==> flow/design.v <==
module cpu_add #(
   parameter int DWIDTH = 24,
   parameter int GB = 2
) (
   input  logic ck,
   input  logic rstn,
   input  logic clk_en,
   input  logic [DWIDTH-1:0] val,
   input  logic init,
   output logic [DWIDTH+GB-1:0] s
);
   logic [DWIDTH-1:0] r_val;
   logic r_init;
   logic [DWIDTH+GB-1:0] accum;
   always_ff @(posedge ck or negedge rstn) begin
      if (!rstn) begin
         r_val <= '0;
         r_init <= 1'b0;
         accum <= '0;
      end else if (clk_en) begin
         r_val <= val;
         r_init <= init;
         accum <= r_init ? 0 : accum + r_val;
      end
   end
   assign s = accum;
endmodule
Reports on cpu_add
What the tools print for cpu_add, step after step.
Line numbers count from 1 in the design file above.
Operators: Yosys type, input widths -> output width; for muxes data width and select width s.
Cell names lack the library's common part.
{ "design": {"top": "cpu_add", "clock": "ck", "cell_library": "sky130hd", "pvt_corner": "tt_025C_1v80"} }

Word level
Yosys after proc, flatten, opt, wreduce and memory -nomap, before mapping. Enables and synchronous resets that opt folds into registers are not counted as muxes. Memory bits, and registers merged into a memory's read port (data or address), are not among the register bits. Print and check cells are not counted. Equal cells are merged and count once.
{ "word_totals": {"latchBits": 0, "clocked_rd_ports_x_width": 0, "ff_bits": 51, "input_bits": 28, "word_cells": 5, "mem_bits_rw": 0, "out_inout_bits": 26, "memories": 0, "romBits": 0} }
{ "classes": {"n_addsub": 1, "eq_ne": 0, "n_div": 0, "n_cmp": 0, "n_shift": 0, "n_mux": 1, "logic": 0, "multipliers": 0, "reduce_logical": 0} }
{ "op_table": {"columns": ["operator", "count"], "rows": [
  ["$add 26x24->26", 1],
  ["$mux 26", 1]
]} }

Logic depth
Yosys ltp: most cells in a row. Word level: on the elaborated netlist, between registers, memories and ports. Mapped: between sequential cells and ports; inverters and the memories' decode and read muxes count.
{ "logic_depth": {"word_depth": 2, "abc_area": 0, "depth_mapped": 9, "mapped_depth_nobuf": 9} }

Synthesis result
The flow's flattened synthesis, as Yosys stat reports it; memories are mapped. The netlist is that of the ABC_AREA named above (0 if unset); the other value can give another one.
{ "by_type": {"columns": ["cell", "count", "type_area_um2"], "rows": [
  ["dfrtp_1", 51, 1.28E+03],
  ["ha_1", 24, 300.288],
  ["mux2_2", 24, 270.259],
  ["a21oi_1", 20, 100.096],
  ["nand2_1", 26, 97.594],
  ["a22o_1", 11, 96.342],
  ["xnor2_1", 10, 87.584],
  ["a21o_1", 10, 75.072],
  ["o21ai_0", 15, 75.072],
  ["nor2_1", 14, 52.55],
  ["nand2b_1", 7, 43.792],
  ["xor2_1", 5, 43.792],
  ["nand3_1", 8, 40.038],
  ["o21a_1", 5, 37.536],
  ["clkbuf_1", 9, 33.782],
  ["a21oi_4", 2, 32.531],
  ["and3_1", 5, 31.28],
  ["nor3_1", 6, 30.029]
]} }
Not listed: further types 47, cells in them 73.
{ "synth_totals": {"cells": 325, "sequential_area_um2": 1276.2, "mapped_area_um2": 3320.7, "ff_cells": 51} }

Timing after synthesis
OpenSTA on the mapped netlist: ideal clock, no wires. The path of least setup slack (recovery checks aside). Input and output delay are each 20% of the period. Register names are those of the netlist, which keeps one name where synthesis merged equal registers.
{ "synth_timing": {"path_type": "register -> register", "from": "register accum[9]", "to": "register accum[25]", "delay_ns": 2.266, "period_ns": 2.83, "t_first_pin_ns": 0.000, "path_stages": 8, "arrival_ns": 2.138, "slack_ns": 0.564, "n_path_buf": 0, "setup_time_ns": 0.128, "synth_period_reached_ns": 2.266} }
"delay_ns" = arrival - input delay + setup time.
"path_stages": output pins that drive a net of the path, with the launching flip-flop's if there is one; two outputs of one cell count as two.
"synth_period_reached_ns" = period - worst setup slack (recovery checks aside). The figure is calculated, with input and output delays left at 20% of the set period.
The rows between start and end are the longest chain of elaborated cells between them; the timing report does not say that the signal goes this way. Where chains are equally long, one stands for them.
Each line given opens the expression or statement behind the cell; cells for indexed reads and writes are added by Yosys, which also makes memories of some case tables.
{ "synth_via": {"cell_sequence": "dfrtp_1 > ha_1 > a21o_1 > a221oi_4 > o2111ai_1 > a2bb2oi_2 > a31oi_1 > mux2_1", "elab_chain_len": 2, "cells_between": 2, "lines_between": 1, "classes_between": "add/sub (1); mux (1)"} }
{ "synth_rtl": {"columns": ["item", "line_no", "source"], "rows": [
  ["start, declared", 14, "logic [DWIDTH+GB-1:0] accum;"],
  ["start, assigned", 19, "accum <= '0;"],
  ["start, assigned", 23, "accum <= r_init ? 0 : accum + r_val;"],
  ["$add 26x24->26", 23, null],
  ["$mux 26", 23, null],
  ["end, assigned", 19, null],
  ["end, assigned", 23, null],
  ["end, declared", 14, null]
]} }

Timing after layout
Path of least setup slack in the final report of record 2 (OpenROAD, finished layout, wires in). Where an end is a register, its clock arrival counts in the times.
{ "layout_timing": {"path_type": "register -> register", "from": "register accum[0]", "to": "register accum[22]", "arrival_ns": 2.67, "t_first_pin_ns": 0.31, "setup_time_ns": 0.11, "slack_ns": 0.35, "n_path_buf": 0, "period_ns": 2.83, "path_stages": 10} }
The rows between start and end are the longest chain of elaborated cells between them; the timing report does not say that the signal goes this way. Where chains are equally long, one stands for them.
{ "layout_via": {"cell_sequence": "dfrtp_1 > ha_1 > inv_1 > fa_1 > nand2b_1 > a21oi_2 > o211ai_1 > a31oi_1 > o21ai_0 > a311o_1", "elab_chain_len": 2, "cells_between": 2, "lines_between": 1, "classes_between": "add/sub (1); mux (1)"} }
{ "layout_rtl": {"columns": ["item", "line_no", "source"], "rows": [
  ["start, declared", 14, "logic [DWIDTH+GB-1:0] accum;"],
  ["start, assigned", 19, "accum <= '0;"],
  ["start, assigned", 23, "accum <= r_init ? 0 : accum + r_val;"],
  ["$add 26x24->26", 23, null],
  ["$mux 26", 23, null],
  ["end, assigned", 19, null],
  ["end, assigned", 23, null],
  ["end, declared", 14, null]
]} }

Flow measurements of cpu_add on sky130hd: 3 stored runs with different settings, listed in no order. Input and output delays are each 20% of the period that was set; the output load is 0.01 pF.
"achieved clock period (ns)" means the clock period less the worst setup slack. The figure is calculated, with input and output delays left at 20% of the set period.
"worst setup path time (ns)": the worst setup path's part of the clock period (all of it between registers, 20% less for each end at a port) less its slack. A launch clock that arrives late makes it longer, a capture clock that arrives late makes it shorter.
"finish__power__total" rests on the timing tool's default activity at the inputs, not on a simulated workload.

settings of record 1
{
  "period_ns": 1.6,
  "CORE_UTILIZATION": 69,
  "SETUP_SLACK_MARGIN": 0.12,
  "PLACE_DENSITY_LB_ADDON": 0.0,
  "CELL_PAD_IN_SITES_GLOBAL_PLACEMENT": 0,
  "TNS_END_PERCENT": 5,
  "CAP_MARGIN": 20,
  "CORE_MARGIN": 2,
  "SLEW_MARGIN": 20
}
report of record 1: did not finish, place, DPL-0033

settings of record 2
{
  "period_ns": 2.83,
  "CAP_MARGIN": 20,
  "CORE_MARGIN": 2,
  "CORE_UTILIZATION": 40,
  "SLEW_MARGIN": 20
}
report of record 2
yosys chip area after synthesis (um^2): 3320.7
finish__design__die__area: 9046.9
finish__design__instance__area__stdcell: 4096.4
finish__design__instance__utilization: 0.5036
finish__timing__setup__ws: 0.350
finish__timing__setup__tns: 0.000
finish__timing__hold__ws: 0.182
finish__power__total: 3.787e-03
achieved clock period (ns): 2.480
worst setup path time (ns): 2.48
worst setup path kind: register -> register

settings of record 3
{
  "period_ns": 2.68,
  "CORE_UTILIZATION": 45,
  "SETUP_SLACK_MARGIN": 0.66,
  "PLACE_DENSITY": 0.59,
  "CELL_PAD_IN_SITES_GLOBAL_PLACEMENT": 3,
  "TNS_END_PERCENT": 100,
  "ABC_AREA": 0,
  "GPL_TIMING_DRIVEN": 1,
  "CTS_CLUSTER_SIZE": 24,
  "MIN_ROUTING_LAYER": "met2",
  "CAP_MARGIN": 20,
  "CORE_MARGIN": 2,
  "SLEW_MARGIN": 20
}
report of record 3: did not finish, place, GPL-0301
